==> flow/design.v <==
module core_switch #(
    parameter int WD = 2
) (
    input  logic ck,
    input  logic valid,
    input  logic [WD-1:0] in_ch0,
    input  logic [WD-1:0] in_ch1,
    input  logic [WD-1:0] in_ch2,
    input  logic [WD-1:0] in_ch3,
    input  logic [WD-1:0] in_ch4,
    input  logic [WD-1:0] in_ch5,
    input  logic [WD-1:0] in_ch6,
    input  logic [WD-1:0] in_ch7,
    input  logic [WD-1:0] in_ch8,
    input  logic [WD-1:0] in_ch9,
    input  logic [3:0] in_select,
    output logic [WD-1:0] out_dout
);
    logic [WD-1:0] ch0_s;
    logic [WD-1:0] ch1_s;
    logic [WD-1:0] ch2_s;
    logic [WD-1:0] ch3_s;
    logic [WD-1:0] ch4_s;
    logic [WD-1:0] ch5_s;
    logic [WD-1:0] ch6_s;
    logic [WD-1:0] ch7_s;
    logic [WD-1:0] ch8_s;
    logic [WD-1:0] ch9_s;
    logic [3:0] select_s;
    always_ff @(posedge ck) begin
        if (valid) begin
            ch0_s <= in_ch0;
            ch1_s <= in_ch1;
            ch2_s <= in_ch2;
            ch3_s <= in_ch3;
            ch4_s <= in_ch4;
            ch5_s <= in_ch5;
            ch6_s <= in_ch6;
            ch7_s <= in_ch7;
            ch8_s <= in_ch8;
            ch9_s <= in_ch9;
            select_s <= in_select;
        end
    end
    logic [WD-1:0] r;
    always_comb begin
        case (select_s)
            4'd0: r = ch0_s;
            4'd1: r = ch1_s;
            4'd2: r = ch2_s;
            4'd3: r = ch3_s;
            4'd4: r = ch4_s;
            4'd5: r = ch5_s;
            4'd6: r = ch6_s;
            4'd7: r = ch7_s;
            4'd8: r = ch8_s;
            default: r = ch9_s;
        endcase
    end
    always_ff @(posedge ck) begin
        if (valid) begin
            out_dout <= r;
        end
    end
endmodule
## From RTL to reports: core_switch

What the tools print for core_switch, step after step.
Line numbers count from 1 in the design file above.
Library cell names are shortened.
A cell with -- has no value.

| design | value |
|---|---|
| top | core_switch |
| clock | ck |
| library | sky130hd |
| corner | tt_025C_1v80 |

## Word level

Yosys after proc, flatten, opt, wreduce and memory -nomap, before mapping. Enables and synchronous resets that opt folds into registers are not counted as muxes. Memory bits, and registers merged into a memory's read port (data or address), are not among the register bits. Print and check cells are not counted. Equal cells are merged and count once.

| word-level totals | value |
|---|---|
| register bits after elaboration | 26 |
| input port bits | 26 |
| output and inout bits | 2 |
| elaborated cells | 22 |

| cells by class | value |
|---|---|
| eq/ne operators | 8 |
| muxes and demuxes | 1 |
| reduce/logical cells | 1 |

Operators by type and width:

| cell | count |
|---|---|
| 2-bit case mux with 9-bit select | 1 |
| 4-bit by 3-bit equality test with 1-bit output (second input constant) | 4 |
| 4-bit by 2-bit equality test with 1-bit output (second input constant) | 2 |
| 4-bit by 1-bit equality test with 1-bit output (second input constant) | 1 |
| 4-bit equality test (second input constant) | 1 |
| 4-bit logical NOT | 1 |

## Depth

Longest topological path by Yosys (ltp), each cell counted once; first at word level (registers and memories cut), then after technology mapping (sequential cells cut; the memories' decode and read muxes count).

| logic depth | value |
|---|---|
| word-level depth | 2 |
| ABC_AREA | 1 |
| gate-level depth with buffers | 6 |
| mapped depth without buffers | 6 |

## Synthesis result

Yosys stat after the flow's synthesis: flattened, memories mapped to cells. It holds for the ABC_AREA given above (unset counts as 0); a run with the other value may have another netlist.
Totals and module areas in this step are rounded.

Cells by type:

| cell | count | area in all (µm²) |
|---|---|---|
| edfxtp_1 | 26 | 780.749 |
| nand3_1 | 20 | 100.096 |
| nor2_4 | 4 | 45.043 |
| nand2_1 | 6 | 22.522 |
| nor2_1 | 6 | 22.522 |
| nand4_1 | 2 | 12.512 |
| inv_1 | 3 | 11.261 |
| inv_2 | 3 | 11.261 |
| a21boi_1 | 1 | 7.507 |
| nor2_2 | 1 | 6.256 |

| mapped netlist | value |
|---|---|
| mapped cells | 72 |
| synthesis area | 1000 µm² |
| sequential part of the area | 780 µm² |
| mapped flip-flops | 26 |
| buffer cells | 0 |

## Timing after synthesis

OpenSTA on the mapped netlist: ideal clock, no wires. The path of least setup slack (recovery checks aside). Input and output delay are each 20% of the period. Register names are those of the netlist, which keeps one name where synthesis merged equal registers.

| timing path after synthesis | value |
|---|---|
| kind | reg2reg |
| from | register select_s[1] |
| to | register out_dout[0] |
| clock period | 1.92 ns |
| library setup time | 0.260 ns |
| time at the first pin | 0.000 ns |
| arrival time | 0.914 ns |
| setup slack | 0.746 ns |
| path delay | 1.174 ns |
| stages | 5 |
| synthesis period reached | 1.174 ns |

"path delay" is the arrival time less input delay plus setup time.
"stages": output pins that drive a net of the path, with the launching flip-flop's if there is one; two outputs of one cell count as two.
"synthesis period reached" is the clock period less the worst setup slack; recovery checks do not enter. This is arithmetic on one report: input and output delays are still those of the set period (20% each).
Between the ends stands the longest chain of elaborated cells between them, by number of cells; it is not shown to be the way that was timed. Of several equally long chains one is given.
Each line given opens the expression or statement behind the cell; cells for indexed reads and writes are added by Yosys, which also makes memories of some case tables.

| on the way, after synthesis | value |
|---|---|
| cells stage by stage | edfxtp_1 -> nor2_2 -> a21boi_1 -> nand2_1 -> nand3_1 |
| cells in the longest elaborated chain | 2 |
| elaborated cells on any way between the ends | 10 |
| RTL lines with such cells | 1 |
| those cells by class | eq/ne: 8; mux: 1; reduce/logical: 1 |

Ends and longest elaborated chain, after synthesis:

| item | RTL line | RTL |
|---|---|---|
| from (decl) | 29 | `logic [3:0] select_s;` |
| from (assign) | 42 | `select_s <= in_select;` |
| 4-bit equality test | 47 | `case (select_s)` |
| 2-bit case mux with 9-bit select | 47 |  |
| to (assign) | 62 | `out_dout <= r;` |
| to (decl) | 17 | `output logic [WD-1:0] out_dout` |

## Path in the finished layout

From the final timing report of record 1: the path of least setup slack in the routed layout; clock arrival at registers is part of the times.

| timing path after layout | value |
|---|---|
| kind | reg2reg |
| from | register select_s[3] |
| to | register out_dout[0] |
| clock period | 1.01 ns |
| library setup time | 0.13 ns |
| time at the first pin | 0.32 ns |
| arrival time | 1.53 ns |
| setup slack | -0.33 ns |
| stages | 6 |

Between the ends stands the longest chain of elaborated cells between them, by number of cells; it is not shown to be the way that was timed. Of several equally long chains one is given.

| on the way, after layout | value |
|---|---|
| cells stage by stage | edfxtp_1 -> nor2_4 -> nand3_1 -> nand3_1 -> nor2_1 -> nand3_1 |
| cells in the longest elaborated chain | 2 |
| elaborated cells on any way between the ends | 10 |
| RTL lines with such cells | 1 |
| those cells by class | eq/ne: 8; mux: 1; reduce/logical: 1 |

Ends and longest elaborated chain, after layout:

| item | RTL line | RTL |
|---|---|---|
| from (decl) | 29 | `logic [3:0] select_s;` |
| from (assign) | 42 | `select_s <= in_select;` |
| 4-bit equality test | 47 | `case (select_s)` |
| 2-bit case mux with 9-bit select | 47 |  |
| to (assign) | 62 | `out_dout <= r;` |
| to (decl) | 17 | `output logic [WD-1:0] out_dout` |

Ticket comment

Measured results for core_switch: 3 stored runs of the Yosys and OpenROAD flow on sky130hd. The settings differ; the order carries no meaning. The constraints put input and output delay at 20% of the set period each and load the outputs with 0.01 pF.
"achieved clock period" means the clock period less the worst setup slack. The figure is calculated, with input and output delays left at 20% of the set period.
By "time on the worst setup path" is meant the share of the clock period that the worst setup path is allowed (20% is reserved at inputs, 20% at outputs), minus its slack. Clock arrival times at its registers enter into it.
"overall power": no workload was simulated; the value follows from the tool's default switching activity.
The measured numbers are rounded.
Settings: -- = not set for that run.

| run | period_ns | CORE_UTILIZATION | PLACE_DENSITY | HOLD_SLACK_MARGIN | CORE_MARGIN | TNS_END_PERCENT | ABC_AREA | CTS_CLUSTER_SIZE | CAP_MARGIN | SLEW_MARGIN | CORE_ASPECT_RATIO | GPL_TIMING_DRIVEN | GPL_ROUTABILITY_DRIVEN | MAX_ROUTING_LAYER | achieved clock period (ns) | sum of negative setup slack (ns) | worst slack on setup checks (ns) | post-route utilization (%) | mapped cell area after synthesis (µm²) | total die area (µm²) | overall power (mW) | smallest hold slack (ns) | time on the worst setup path (ns) | class of the worst setup path | standard-cell area after layout (µm²) |
|---|---|---|---|---|---|---|---|---|---|---|---|---|---|---|---|---|---|---|---|---|---|---|---|---|---|
| record 1 | 1.01 | 61 | 0.94 | 0.01 | 2 | 35 | 1 | 57 | 10 | 20 | -- | -- | -- | -- | 1.342 | -0.71 | -0.33 | 90 | 1000 | 2000 | 2.0 | 0.43 | 1.34 | reg2reg | 1400 |
| record 2 | 0.961 | 49 | -- | -- | 4 | -- | 0 | 43 | 5 | 20 | 1.62 | 1 | 1 | met4 | 1.597 | -1.4 | -0.64 | 74 | 1000 | 2900 | 2.1 | 0.43 | 1.60 | reg2reg | 1400 |
| record 3 | 1.92 | 40 | -- | -- | 2 | -- | -- | -- | 20 | 20 | -- | -- | -- | -- | 1.788 | 0.000 | 0.13 | 54 | 1000 | 3000 | 1.1 | 0.61 | 1.79 | reg2reg | 1300 |
